==> flow/design.v <==
module dp_summer_full_adder (
  input wire a,
  input wire b,
  input wire ci,
  output wire s,
  output wire co
);
  assign {co, s} = a + b + ci;
endmodule
module dp_summer #(
  parameter NBITS = 16
) (
  input ck,
  input i_rst_n,
  input ce,
  input [NBITS-1:0] arg0_i,
  input [NBITS-1:0] arg1_i,
  input carry_in_i,
  output reg [NBITS-1:0] result_o,
  output reg ovf_o
);
  wire [NBITS-1:0] t;
  wire [NBITS:0] cy;
  assign cy[0] = carry_in_i;
  genvar k;
  generate
    for (k = 0; k < NBITS; k = k + 1) begin : blk
      dp_summer_full_adder inst (.a(arg0_i[k]), .b(arg1_i[k]), .ci(cy[k]), .s(t[k]), .co(cy[k+1]));
    end
  endgenerate
  always @(posedge ck or negedge i_rst_n) begin
    if (!i_rst_n) begin
      result_o <= 0;
    end else if (ce) begin
      result_o <= t;
    end
  end
  always @(posedge ck or negedge i_rst_n) begin
    if (!i_rst_n) begin
      ovf_o <= 1'b0;
    end else if (ce) begin
      ovf_o <= cy[NBITS];
    end
  end
endmodule
## Reports on dp_summer

Tool output for the design above, in the order of the flow.
Lines are those of the file above, counted from 1.
Operators carry their Yosys type and port widths (W data, S select, Z words).
Cell names lack the library's common part.
A cell with n/a has no value.

| set-up | value |
|---|---|
| top | dp_summer |
| clock | ck |
| cell library | sky130hd |
| library corner | tt_025C_1v80 |

## Word level

Yosys after proc, flatten, opt, wreduce and memory -nomap, before mapping. Enables and synchronous resets that opt folds into registers are not counted as muxes. Memory bits, and registers merged into a memory's read port (data or address), are not among the register bits. Print and check cells are not counted. Equal cells are merged and count once.

| bit counts | value |
|---|---|
| input port bits | 36 |
| register bits after elaboration | 17 |
| output and inout bits | 17 |
| word-level cells | 34 |

| cells by class | value |
|---|---|
| $add $sub $neg | 32 |

Operators with widths:

| operator | number |
|---|---|
| $add A1 B1 Y2 | 16 |
| $add A2 B1 Y2 | 16 |

## Depth

Longest topological path by Yosys (ltp), each cell counted once; first at word level (registers and memories cut), then after technology mapping (sequential cells cut; the memories' decode and read muxes count).

| depth | value |
|---|---|
| depth after elaboration | 17 |
| ABC_AREA | 0 |
| depth in mapped cells | 20 |
| gate-level depth less buffers | 20 |

## Mapped cells and area

Source: synth_stat.txt of the flow (Yosys; design flattened, memories mapped). It holds for the ABC_AREA given above (unset counts as 0); a run with the other value may have another netlist.
Totals and module areas in this step are rounded.

Cells by type:

| cell type | number | area in all (µm²) |
|---|---|---|
| dfrtp_1 | 17 | 425.408 |
| fa_1 | 16 | 320.307 |
| mux2_4 | 14 | 210.202 |
| inv_1 | 7 | 26.275 |
| buf_6 | 2 | 22.522 |
| a21oi_1 | 3 | 15.014 |
| nor2_1 | 3 | 11.261 |

| synthesis totals | value |
|---|---|
| sequential part of the area | 425 µm² |
| flip-flop cells | 17 |
| chip area (Yosys) | 1030 µm² |
| cells in the netlist | 62 |
| buffers | 2 |

The figures by module come from a second, unflattened synthesis with its own total; it is not the netlist above.

| second synthesis, totals | value |
|---|---|
| cell total of the unflattened synthesis | 52 |
| area total of the unflattened synthesis | 1010 µm² |

Each row is one instance without its submodules.

Modules:

| module | seq. area (µm²) | cells | times used | area (µm²) |
|---|---|---|---|---|
| dp_summer | 425 | 36 | 1 | 686 |
| dp_summer_full_adder | 0.0 | 1 | 16 | 20.0 |

## Path before layout

Source: OpenSTA report_checks on the synthesized netlist (no wires, ideal clock, input and output delay 20% of the period each), path of least setup slack; recovery checks are left aside. Register names are those of the netlist, which keeps one name where synthesis merged equal registers.

| path post-synthesis | value |
|---|---|
| path type | input-to-reg |
| start point | input arg0_i[0] |
| end point | register result_o[15] |
| arrival | 8.071 ns |
| stages on the path | 20 |
| path slack | 1.552 ns |
| setup time | 0.077 ns |
| period | 9.7 ns |
| delay of the path | 6.208 ns |
| input delay | 1.940 ns |
| buffers on the path | 0 |
| time at the first pin | 1.940 ns |
| data required time | 9.623 ns |
| period reached after synthesis | 8.148 ns |

"delay of the path" = arrival - input delay + setup time.
"stages on the path" counts driving pins, that of a launching flip-flop among them; a cell with two outputs on the path counts twice.
"period reached after synthesis" is the clock period less the worst setup slack; recovery checks do not enter. This is arithmetic on one report: input and output delays are still those of the set period (20% each).
The rows between start and end are the longest chain of elaborated cells between them; the timing report does not say that the signal goes this way. Where chains are equally long, one stands for them.
A line is the first line of the expression or statement that the cell stems from. Yosys adds cells for indexed reads and writes and turns some case tables into memories.

| on the way, post-synthesis | value |
|---|---|
| cells stage by stage | inv_1 > fa_1 > inv_1 > fa_1 > fa_1 > fa_1 > fa_1 > fa_1 > fa_1 > fa_1 > fa_1 > fa_1 > fa_1 > fa_1 > fa_1 > fa_1 > fa_1 > inv_1 > fa_1 > a21oi_1 |
| length of the longest elaborated chain | 17 |
| elaborated cells on any way between the ends | 17 |
| RTL lines with such cells | 1 |
| those cells by class | add/sub: 17 |

RTL lines, path post-synthesis:

| what | line | source |
|---|---|---|
| from (decl) | 16 | `input [NBITS-1:0] arg0_i,` |
| $add A1 B1 Y2 | 8 | `assign {co, s} = a + b + ci;` |
| $add A2 B1 Y2 x16 | 8 |  |
| to (assign) | 33 | `result_o <= 0;` |
| to (assign) | 35 | `result_o <= t;` |
| to (decl) | 19 | `output reg [NBITS-1:0] result_o,` |

## Path in the finished layout

Path of least setup slack in the final report of flow run 1 (OpenROAD, finished layout, wires in). Where an end is a register, its clock arrival counts in the times.

| path after layout | value |
|---|---|
| path type | input-to-reg |
| start point | input arg0_i[0] |
| end point | register result_o[15] |
| arrival | 8.72 ns |
| setup time | 0.07 ns |
| period | 9.7 ns |
| time at the first pin | 1.94 ns |
| input delay | 1.94 ns |
| data required time | 9.92 ns |
| buffers on the path | 1 |
| path slack | 1.20 ns |
| stages on the path | 21 |

The rows between start and end are the longest chain of elaborated cells between them; the timing report does not say that the signal goes this way. Where chains are equally long, one stands for them.

| on the way, after layout | value |
|---|---|
| cells stage by stage | clkdlybuf4s50_1 > inv_1 > fa_1 > inv_1 > fa_1 > fa_1 > fa_1 > fa_1 > fa_1 > fa_1 > fa_1 > fa_1 > fa_1 > fa_1 > fa_1 > fa_1 > fa_1 > fa_1 > inv_1 > fa_1 > a21oi_1 |
| length of the longest elaborated chain | 17 |
| elaborated cells on any way between the ends | 17 |
| RTL lines with such cells | 1 |
| those cells by class | add/sub: 17 |

RTL lines, path after layout:

| what | line | source |
|---|---|---|
| from (decl) | 16 | `input [NBITS-1:0] arg0_i,` |
| $add A1 B1 Y2 | 8 | `assign {co, s} = a + b + ci;` |
| $add A2 B1 Y2 x16 | 8 |  |
| to (assign) | 33 | `result_o <= 0;` |
| to (assign) | 35 | `result_o <= t;` |
| to (decl) | 19 | `output reg [NBITS-1:0] result_o,` |

Subject: flow runs of dp_summer

Hi,

Measured data: module dp_summer, platform sky130hd, 3 stored runs of the flow under differing settings, order arbitrary. Input and output delays are each 20% of the period that was set; the output load is 0.01 pF.
"clock period achieved" is the run's clock period less its worst setup slack. It is reckoned from that one timing run; input and output delays stay at 20% of the period that was set.
By "critical setup path time" is meant the share of the clock period that the worst setup path is allowed (20% is reserved at inputs, 20% at outputs), minus its slack. Clock arrival times at its registers enter into it.
"power consumption" rests on the timing tool's default activity at the inputs, not on a simulated workload.
The measured numbers are rounded.

## Flow run 1

==> flow/run.sh <==
#!/bin/bash
# the make line also repeats the synthesis and layout settings of config.mk as NAME=value (left out here)
make -C /OpenROAD-flow-scripts/flow DESIGN_CONFIG=/design/flow/config.mk WORK_HOME=/design/flow/orfs CLKGATE_MAP_FILE= finish
==> flow/config.mk <==
export PLATFORM = sky130hd
export DESIGN_NAME = dp_summer
export DESIGN_NICKNAME = dp_summer
export VERILOG_FILES = /design/flow/design.v
export SDC_FILE = /design/flow/constraint.sdc
export NUM_CORES = 4
export LEC_CHECK = 0
export CAP_MARGIN = 20
export CORE_MARGIN = 2
export CORE_UTILIZATION = 40
export SLEW_MARGIN = 20
==> flow/constraint.sdc <==
create_clock -name core_clock -period 9.7 [get_ports {ck}]
set_input_delay 1.9400 -clock core_clock [delete_from_list [all_inputs] [get_ports {ck}]]
set_output_delay 1.9400 -clock core_clock [all_outputs]
set_load 0.01 [all_outputs]

| result of flow run 1 | value |
|---|---|
| final utilization | 0.647 |
| clock period achieved | 8.503 ns |
| worst-case hold slack | 0.521 ns |
| total negative slack on setup checks | 0.000 ns |
| synthesized cell area | 1030 µm² |
| standard-cell area of the final layout | 1590 µm² |
| total die area | 3000 µm² |
| worst slack on setup checks | 1.20 ns |
| power consumption | 0.000236 W |
| critical setup path time | 6.56 ns |
| type of the worst setup path | input-to-reg |

## Flow run 2

==> flow/run.sh <==
#!/bin/bash
# the make line also repeats the synthesis and layout settings of config.mk as NAME=value (left out here)
make -C /OpenROAD-flow-scripts/flow DESIGN_CONFIG=/design/flow/config.mk WORK_HOME=/design/flow/orfs CLKGATE_MAP_FILE= finish
==> flow/config.mk <==
export PLATFORM = sky130hd
export DESIGN_NAME = dp_summer
export DESIGN_NICKNAME = dp_summer
export VERILOG_FILES = /design/flow/design.v
export SDC_FILE = /design/flow/constraint.sdc
export NUM_CORES = 4
export LEC_CHECK = 0
export CAP_MARGIN = 20
export CORE_ASPECT_RATIO = 0.52
export CORE_MARGIN = 2
export CORE_UTILIZATION = 34
export CTS_CLUSTER_DIAMETER = 103
export CTS_CLUSTER_SIZE = 68
export GPL_ROUTABILITY_DRIVEN = 1
export HOLD_SLACK_MARGIN = 0.06
export MIN_ROUTING_LAYER = met1
export PLACE_DENSITY_LB_ADDON = 0.14
export SLEW_MARGIN = 35
==> flow/constraint.sdc <==
create_clock -name core_clock -period 10.0 [get_ports {ck}]
set_input_delay 2.0000 -clock core_clock [delete_from_list [all_inputs] [get_ports {ck}]]
set_output_delay 2.0000 -clock core_clock [all_outputs]
set_load 0.01 [all_outputs]

| result of flow run 2 | value |
|---|---|
| final utilization | 0.56 |
| clock period achieved | 8.615 ns |
| worst-case hold slack | 0.510 ns |
| total negative slack on setup checks | 0.000 ns |
| synthesized cell area | 1030 µm² |
| standard-cell area of the final layout | 1620 µm² |
| total die area | 3510 µm² |
| worst slack on setup checks | 1.38 ns |
| power consumption | 0.000242 W |
| critical setup path time | 6.62 ns |
| type of the worst setup path | input-to-reg |

## Flow run 3

==> flow/run.sh <==
#!/bin/bash
# the make line also repeats the synthesis and layout settings of config.mk as NAME=value (left out here)
make -C /OpenROAD-flow-scripts/flow DESIGN_CONFIG=/design/flow/config.mk WORK_HOME=/design/flow/orfs CLKGATE_MAP_FILE= finish
==> flow/config.mk <==
export PLATFORM = sky130hd
export DESIGN_NAME = dp_summer
export DESIGN_NICKNAME = dp_summer
export VERILOG_FILES = /design/flow/design.v
export SDC_FILE = /design/flow/constraint.sdc
export NUM_CORES = 4
export LEC_CHECK = 0
export ABC_AREA = 1
export CAP_MARGIN = 10
export CELL_PAD_IN_SITES_DETAIL_PLACEMENT = 1
export CORE_MARGIN = 2
export CORE_UTILIZATION = 44
export CTS_CLUSTER_DIAMETER = 350
export GPL_TIMING_DRIVEN = 1
export HOLD_SLACK_MARGIN = 0.07
export MAX_ROUTING_LAYER = met5
export PLACE_DENSITY_LB_ADDON = 0.04
export SLEW_MARGIN = 35
export TNS_END_PERCENT = 10
==> flow/constraint.sdc <==
create_clock -name core_clock -period 6.06 [get_ports {ck}]
set_input_delay 1.2120 -clock core_clock [delete_from_list [all_inputs] [get_ports {ck}]]
set_output_delay 1.2120 -clock core_clock [all_outputs]
set_load 0.01 [all_outputs]

| result of flow run 3 | value |
|---|---|
| final utilization | 0.733 |
| clock period achieved | 7.049 ns |
| worst-case hold slack | 0.509 ns |
| total negative slack on setup checks | -2.70 ns |
| synthesized cell area | 1040 µm² |
| standard-cell area of the final layout | 1620 µm² |
| total die area | 2760 µm² |
| worst slack on setup checks | -0.989 ns |
| power consumption | 0.000373 W |
| critical setup path time | 5.84 ns |
| type of the worst setup path | input-to-reg |

Regards
